==> flow/design.v <==
module alu_add_unit_top #(
    parameter XLEN = 24,
    parameter N = 3,
    parameter RW = XLEN + $clog2(N)
) (
    input  wire i_clk,
    input  wire [N*XLEN-1:0] in_din,
    output wire [RW-1:0] out_out
);
    reg [N*XLEN-1:0] din_reg;
    always @(posedge i_clk) begin
        din_reg <= in_din;
    end
    reg [RW-1:0] work;
    integer k;
    always @(*) begin
        work = 0;
        for (k = 0; k < N; k = k + 1)
            work = work + din_reg[k*XLEN +: XLEN];
    end
    assign out_out = work;
endmodule
Reports on alu_add_unit_top. Tool output for the design above, in the order of the flow. Line numbers count from 1 in the design file above. Operators: Yosys type, input widths -> output width; for muxes data width and select width s. Cell names lack the library's common part. A cell with -- has no value.

Top module: alu_add_unit_top. Clock port: i_clk. Cell library: sky130hd. Library corner: tt_025C_1v80.

Word-level counts. Source: Yosys, flattened and elaborated, memories not mapped. Widths are those after wreduce; folded enables and synchronous resets count as part of the registers. Registers that Yosys merges into a memory's read port (data or address) are not register bits. Print and check cells do not count. Equal cells are merged and count once.

Under register bits stands 72. Input bits: 73. The figure for output and inout bits is 26. Cells after elaboration: 3.

The entry for add/subtract/negate cells reads 2.

Operators with widths (number): $add 25x24->26 (1); $add 24x24->25 (1).

Longest topological paths. Depth = most cells in a row (Yosys ltp): at word level without a register or memory, in the mapped netlist without a sequential cell, where the memories' decode and read muxes count.

For depth in word-level cells the number is 2. The entry for ABC_AREA reads 0. Gate-level depth with buffers: 11. The entry for depth with buffers taken out reads 11.

Synthesis result. Source: synth_stat.txt of the flow (Yosys; design flattened, memories mapped). It holds for the ABC_AREA given above (unset counts as 0); a run with the other value may have another netlist. The area totals of this step are shown rounded.

The figure for cell count is 284. For mapped area the number is 3270 um2. Sequential part of the area: 1440 um2. The figure for flip-flop cells is 72. Under buffer cells stands 5.

Cells by type: dfxtp_1 (number 72, area in all 1.44E+03 um2); fa_1 (number 25, area in all 500.48 um2); ha_1 (number 23, area in all 287.776 um2); xnor2_1 (number 14, area in all 122.618 um2); a21oi_1 (number 21, area in all 105.101 um2); a21o_1 (number 10, area in all 75.072 um2); nand2_1 (number 18, area in all 67.565 um2); xor2_1 (number 6, area in all 52.55 um2); inv_1 (number 11, area in all 41.29 um2); and3_1 (number 6, area in all 37.536 um2); o21a_1 (number 5, area in all 37.536 um2); nor2_1 (number 9, area in all 33.782 um2); a31oi_1 (number 5, area in all 31.28 um2); o21ai_0 (number 5, area in all 25.024 um2); a21boi_0 (number 3, area in all 22.522 um2); nand3b_1 (number 3, area in all 22.522 um2); o21bai_1 (number 3, area in all 22.522 um2); a31oi_4 (number 1, area in all 21.27 um2).

Other cell types: 26; their cells: 44.

Timing after synthesis. Source: OpenSTA report_checks on the synthesized netlist (no wires, ideal clock, input and output delay 20% of the period each), path of least setup slack; recovery checks are left aside. Register names are those of the netlist, which keeps one name where synthesis merged equal registers.

Kind: register to output. From: reg din_reg[1]. To: out out_out[21]. The figure for clock period is 4.16 ns. For external output delay the number is 0.832 ns. For time at the first pin the number is 0.000 ns. Data arrival time: 2.660 ns. Under required time stands 3.328 ns. For path slack the number is 0.668 ns. Path delay: 2.660 ns. The entry for stages on the path reads 10. The figure for path buffers is 0. The entry for period reached after synthesis reads 3.492 ns.

"path delay" = arrival - input delay + setup time. At an output port there is no setup time. "stages on the path" counts driving pins, that of a launching flip-flop among them; a cell with two outputs on the path counts twice. "period reached after synthesis" = period - worst setup slack (recovery checks aside). The figure is calculated, with input and output delays left at 20% of the set period. The rows between start and end are the longest chain of elaborated cells between them; the timing report does not say that the signal goes this way. Where chains are equally long, one stands for them. Each line given opens the expression or statement behind the cell; cells for indexed reads and writes are added by Yosys, which also makes memories of some case tables.

Cell sequence: dfxtp_1 -> fa_1 -> ha_1 -> fa_1 -> a21o_1 -> a221oi_2 -> a31oi_2 -> a31oi_4 -> o211ai_1 -> xor2_1. Under cells in the longest elaborated chain stands 2. The entry for elaborated cells on any way between the ends reads 2. The entry for RTL lines with such cells reads 1. Those cells by class: 2 x add/sub.

Ends and longest elaborated chain, after synthesis: start, declared (line 10) `reg [N*XLEN-1:0] din_reg;`; start, assigned (line 12) `din_reg <= in_din;`; $add 24x24->25 (line 19) `work = work + din_reg[k*XLEN +: XLEN];`; $add 25x24->26 (line 19); end, declared (line 8) `output wire [RW-1:0] out_out`.

Path in the finished layout. From the final timing report of stored run 1: the path of least setup slack in the routed layout; clock arrival at registers is part of the times.

Kind: register to output. From: reg din_reg[1]. To: out out_out[15]. The figure for clock period is 4.16 ns. For external output delay the number is 0.83 ns. For time at the first pin the number is 0.34 ns. Data arrival time: 3.19 ns. Under required time stands 3.33 ns. For path slack the number is 0.14 ns. The entry for stages on the path reads 11. The figure for path buffers is 2.

The rows between start and end are the longest chain of elaborated cells between them; the timing report does not say that the signal goes this way. Where chains are equally long, one stands for them.

Cell sequence: dfxtp_1 -> fa_1 -> ha_2 -> fa_2 -> a21o_1 -> a221oi_4 -> a31oi_4 -> a31oi_4 -> buf_4 -> xnor2_1 -> dlygate4sd2_1. Under cells in the longest elaborated chain stands 2. The entry for elaborated cells on any way between the ends reads 2. The entry for RTL lines with such cells reads 1. Those cells by class: 2 x add/sub.

Ends and longest elaborated chain, after layout: start, declared (line 10) `reg [N*XLEN-1:0] din_reg;`; start, assigned (line 12) `din_reg <= in_din;`; $add 24x24->25 (line 19) `work = work + din_reg[k*XLEN +: XLEN];`; $add 25x24->26 (line 19); end, declared (line 8) `output wire [RW-1:0] out_out`.

Data sheet: physical implementation of alu_add_unit_top

Measured data: module alu_add_unit_top, platform sky130hd, 3 stored runs of the flow under differing settings, order arbitrary. Input and output delays are each 20% of the period that was set; the output load is 0.01 pF. "achieved period": clock period set for the run, less the worst setup slack. It is reckoned from that one timing run; input and output delays stay at 20% of the period that was set. "worst path time" = time allowed to the worst setup path (clock period - input delay - output delay, where it has them) - its slack; a late launch clock adds to it, a late capture clock takes from it. "total power after layout": no workload was simulated; the value follows from the tool's default switching activity. Values from the reports are rounded here.

Stored run 1 has these settings: period_ns 4.16; CAP_MARGIN 20; CORE_MARGIN 2; CORE_UTILIZATION 40; SLEW_MARGIN 20. The measured area of the synthesized netlist is 3270 um2. For the area of the die the run shows 8900 um2. For the post-route utilization the run shows 60.2 %. The measured setup slack of the worst path is 0.139 ns. The final worst hold slack stands at 0.926 ns. The total power after layout stands at 2.37 mW. The achieved period is 4.021 ns. The measured worst path time is 3.19 ns. Class of the worst setup path: register to output.

Stored run 2 has these settings: period_ns 2.48; CORE_UTILIZATION 25; SETUP_SLACK_MARGIN 0.42; GPL_TIMING_DRIVEN 1; GPL_ROUTABILITY_DRIVEN 0; CTS_CLUSTER_DIAMETER 123; MAX_ROUTING_LAYER met4; CAP_MARGIN 20; CORE_MARGIN 2; SLEW_MARGIN 20. The measured area of the synthesized netlist is 3270 um2. For the area of the die the run shows 14000 um2. For the post-route utilization the run shows 46.2 %. The measured setup slack of the worst path is -1.08 ns. The final worst hold slack stands at 0.596 ns. The total power after layout stands at 4.72 mW. The achieved period is 3.562 ns. The measured worst path time is 3.07 ns. Class of the worst setup path: register to output.

Stored run 3 has these settings: period_ns 2.2; CORE_UTILIZATION 56; SETUP_SLACK_MARGIN 0.46; PLACE_DENSITY 0.77; CORE_ASPECT_RATIO 0.76; CORE_MARGIN 7; CELL_PAD_IN_SITES_GLOBAL_PLACEMENT 1; CELL_PAD_IN_SITES_DETAIL_PLACEMENT 1; TNS_END_PERCENT 35; ABC_AREA 1; CAP_MARGIN 15; SLEW_MARGIN 20. Outcome: stopped before the end: placement reported GPL-0301.
